==> flow/design.v <==
module core_summer_mod #(
   parameter integer DWIDTH = 12,
   parameter integer LANES = 10,
   parameter integer OUT_W = DWIDTH + $clog2(LANES)
) (
   input wire ck,
   input wire RST,
   input wire adv,
   input wire [LANES*DWIDTH-1:0] bus,
   output reg [OUT_W-1:0] s
);
   reg [OUT_W-1:0] val;
   integer t;
   always @(*) begin
      val = 0;
      for (t = 0; t < LANES; t = t + 1)
         val = val + bus[t*DWIDTH +: DWIDTH];
   end
   always @(posedge ck) begin
      if (RST) begin
         s <= 0;
      end else if (adv) begin
         s <= val;
      end
   end
endmodule
* Reports on core_summer_mod
Tool output for the design above, in the order of the flow. Line numbers count from 1 in the design file above. Operators: Yosys type, input widths -> output width; for muxes data width and select width s. Library cell names are shortened. The mark -- stands for no value.
Design: design top core_summer_mod, clock ck, library sky130hd, timing corner tt_025C_1v80

* After elaboration
Source: Yosys, flattened and elaborated, memories not mapped. Widths are those after wreduce; folded enables and synchronous resets count as part of the registers. Registers that Yosys merges into a memory's read port (data or address) are not register bits. Print and check cells do not count. Equal cells are merged and count once.
Cells by class: $add $sub $neg 9
Operators by type and width (count):
- $add 16x12->16 | 5
- $add 15x12->16 | 1
- $add 14x12->15 | 1
- $add 13x12->14 | 1
- $add 12x12->13 | 1
Bit counts: elaborated cells 10, bits in registers 16

* Logic depth
Yosys ltp: most cells in a row. Word level: on the elaborated netlist, between registers, memories and ports. Mapped: between sequential cells and ports; inverters and the memories' decode and read muxes count.
Depth: word-level depth 9, ABC_AREA 0, gate-level depth with buffers 19, mapped depth without buffers 18

* Netlist
The flow's flattened synthesis, as Yosys stat reports it; memories are mapped. The netlist is that of the ABC_AREA named above (0 if unset); the other value can give another one. Totals and module areas in this step are rounded.
Cell types (count):
- fa_1 | 93
- inv_1 | 119
- dfxtp_1 | 16
- ha_1 | 23
- mux2i_1 | 9
- nor2_1 | 14
- a21oi_1 | 10
- nand2b_1 | 8
- xnor2_1 | 5
- nand2_1 | 11
- a21o_1 | 4
- o21ai_0 | 5
- or4b_1 | 2
- clkbuf_1 | 5
- nand4b_1 | 2
- o31a_4 | 1
- a41oi_2 | 1
- a211oi_1 | 2
Other cell types: 22; their cells: 29.
Synthesis totals: flip-flops 16, cells in the netlist 359, sequential area 0.0003203 sq mm, buffers 6, mapped area 0.003612 sq mm

* Path before layout
Path of least setup slack by OpenSTA after synthesis, without wires, with an ideal clock, recovery checks aside; 20% of the period is set as input and as output delay. Where synthesis merged equal registers, the netlist keeps one of their names.
Timing after synthesis: kind input to register, start point in bus[2], end point reg s[13], delay of the path 4.471 ns, clock period 6.99 ns, required time 6.895 ns, input delay 1.398 ns, driving pins on the path 17, buffers on the path 0, arrival time 5.774 ns, slack 1.121 ns, period reached after synthesis 5.869 ns
"delay of the path" = arrival - input delay + setup time. "driving pins on the path" counts driving pins, that of a launching flip-flop among them; a cell with two outputs on the path counts twice. "period reached after synthesis" = period - worst setup slack (recovery checks aside). The figure is calculated, with input and output delays left at 20% of the set period. The rows between start and end are the longest chain of elaborated cells between them; the timing report does not say that the signal goes this way. Where chains are equally long, one stands for them. Each line given opens the expression or statement behind the cell; cells for indexed reads and writes are added by Yosys, which also makes memories of some case tables.
On the way, after synthesis: cells stage by stage inv_1 fa_1 inv_1 fa_1 fa_1 inv_1 fa_1 inv_1 fa_1 inv_1 fa_1 nand2b_1 a21oi_2 o31a_4 a41oi_2 or4b_1 o311ai_1, length of the longest elaborated chain 9
Ends and longest elaborated chain, after synthesis:
- start: declaration | RTL line 9 | input wire [LANES*DWIDTH-1:0] bus,
- $add 12x12->13 | RTL line 17 | val = val + bus[t*DWIDTH +: DWIDTH];
- $add 13x12->14 | RTL line 17
- $add 14x12->15 | RTL line 17
- $add 15x12->16 | RTL line 17
- $add 16x12->16 x5 | RTL line 17
- end: assignment | RTL line 21 | s <= 0;
- end: assignment | RTL line 23 | s <= val;
- end: declaration | RTL line 10 | output reg [OUT_W-1:0] s

* Path in the finished layout
From the final timing report of entry A: the path of least setup slack in the routed layout; clock arrival at registers is part of the times.
Timing post-layout: kind input to register, start point in bus[2], end point reg s[13], input delay 1.66 ns, slack 1.73 ns, clock period 8.31 ns, arrival time 6.72 ns, buffers on the path 1, driving pins on the path 18, required time 8.45 ns
The rows between start and end are the longest chain of elaborated cells between them; the timing report does not say that the signal goes this way. Where chains are equally long, one stands for them.
On the way, post-layout: cells stage by stage clkdlybuf4s50_1 inv_1 fa_1 inv_1 fa_1 fa_1 inv_1 fa_1 inv_1 fa_1 inv_1 fa_1 nand2b_1 a21oi_2 o31a_4 a41oi_2 or4b_1 o311ai_1, length of the longest elaborated chain 9
Ends and longest elaborated chain, post-layout:
- start: declaration | RTL line 9 | input wire [LANES*DWIDTH-1:0] bus,
- $add 12x12->13 | RTL line 17 | val = val + bus[t*DWIDTH +: DWIDTH];
- $add 13x12->14 | RTL line 17
- $add 14x12->15 | RTL line 17
- $add 15x12->16 | RTL line 17
- $add 16x12->16 x5 | RTL line 17
- end: assignment | RTL line 21 | s <= 0;
- end: assignment | RTL line 23 | s <= val;
- end: declaration | RTL line 10 | output reg [OUT_W-1:0] s

# Flow runs of core_summer_mod

Below are 3 stored runs of the flow (Yosys, OpenROAD; platform sky130hd) on core_summer_mod, each with its settings and what was measured, unordered. Constraints: input delay and output delay 20% of the set period each, output load 0.01 pF.
By "achieved clock period" is meant the clock period of the run minus its worst setup slack. This is arithmetic on one report: input and output delays are still those of the set period (20% each).
By "worst setup path time" is meant the share of the clock period that the worst setup path is allowed (20% is reserved at inputs, 20% at outputs), minus its slack. Clock arrival times at its registers enter into it.
"power" is the tool's figure for a default switching activity; nothing was simulated.
The results are shown rounded.
[entry A] settings: period_ns=8.31, CORE_UTILIZATION=34, SETUP_SLACK_MARGIN=1.09, PLACE_DENSITY_LB_ADDON=0.16, CORE_MARGIN=5, TNS_END_PERCENT=10, CTS_CLUSTER_SIZE=42, MAX_ROUTING_LAYER=met4, CAP_MARGIN=20, SLEW_MARGIN=20
[entry A] result: chip area after synthesis (Yosys) 0.003612 sq mm, die area 0.01279 sq mm, standard-cell area of the final layout 0.005206 sq mm, utilization 50.4%, worst setup slack after layout 1.727 ns, total negative slack 0.000 ns, worst hold slack 0.474 ns, power 2350 uW, achieved clock period 6.583 ns, worst setup path time 4.92 ns, worst setup path kind input to register
[entry B] settings: period_ns=6.99, CAP_MARGIN=20, CORE_MARGIN=2, CORE_UTILIZATION=40, SLEW_MARGIN=20
[entry B] result: chip area after synthesis (Yosys) 0.003612 sq mm, die area 0.009807 sq mm, standard-cell area of the final layout 0.005154 sq mm, utilization 59.1%, worst setup slack after layout 0.661 ns, total negative slack 0.000 ns, worst hold slack 0.476 ns, power 2752 uW, achieved clock period 6.329 ns, worst setup path time 4.93 ns, worst setup path kind input to register
[entry C] settings: period_ns=8.16, CORE_UTILIZATION=20, SETUP_SLACK_MARGIN=1.52, PLACE_DENSITY=0.62, HOLD_SLACK_MARGIN=0.14, CORE_MARGIN=4, GPL_ROUTABILITY_DRIVEN=1, CTS_CLUSTER_DIAMETER=127, MAX_ROUTING_LAYER=met4, CAP_MARGIN=20, SLEW_MARGIN=20
[entry C] result: chip area after synthesis (Yosys) 0.003612 sq mm, die area 0.02027 sq mm, standard-cell area of the final layout 0.005368 sq mm, utilization 30.7%, worst setup slack after layout 1.749 ns, total negative slack 0.000 ns, worst hold slack 0.479 ns, power 2449 uW, achieved clock period 6.411 ns, worst setup path time 4.78 ns, worst setup path kind input to register
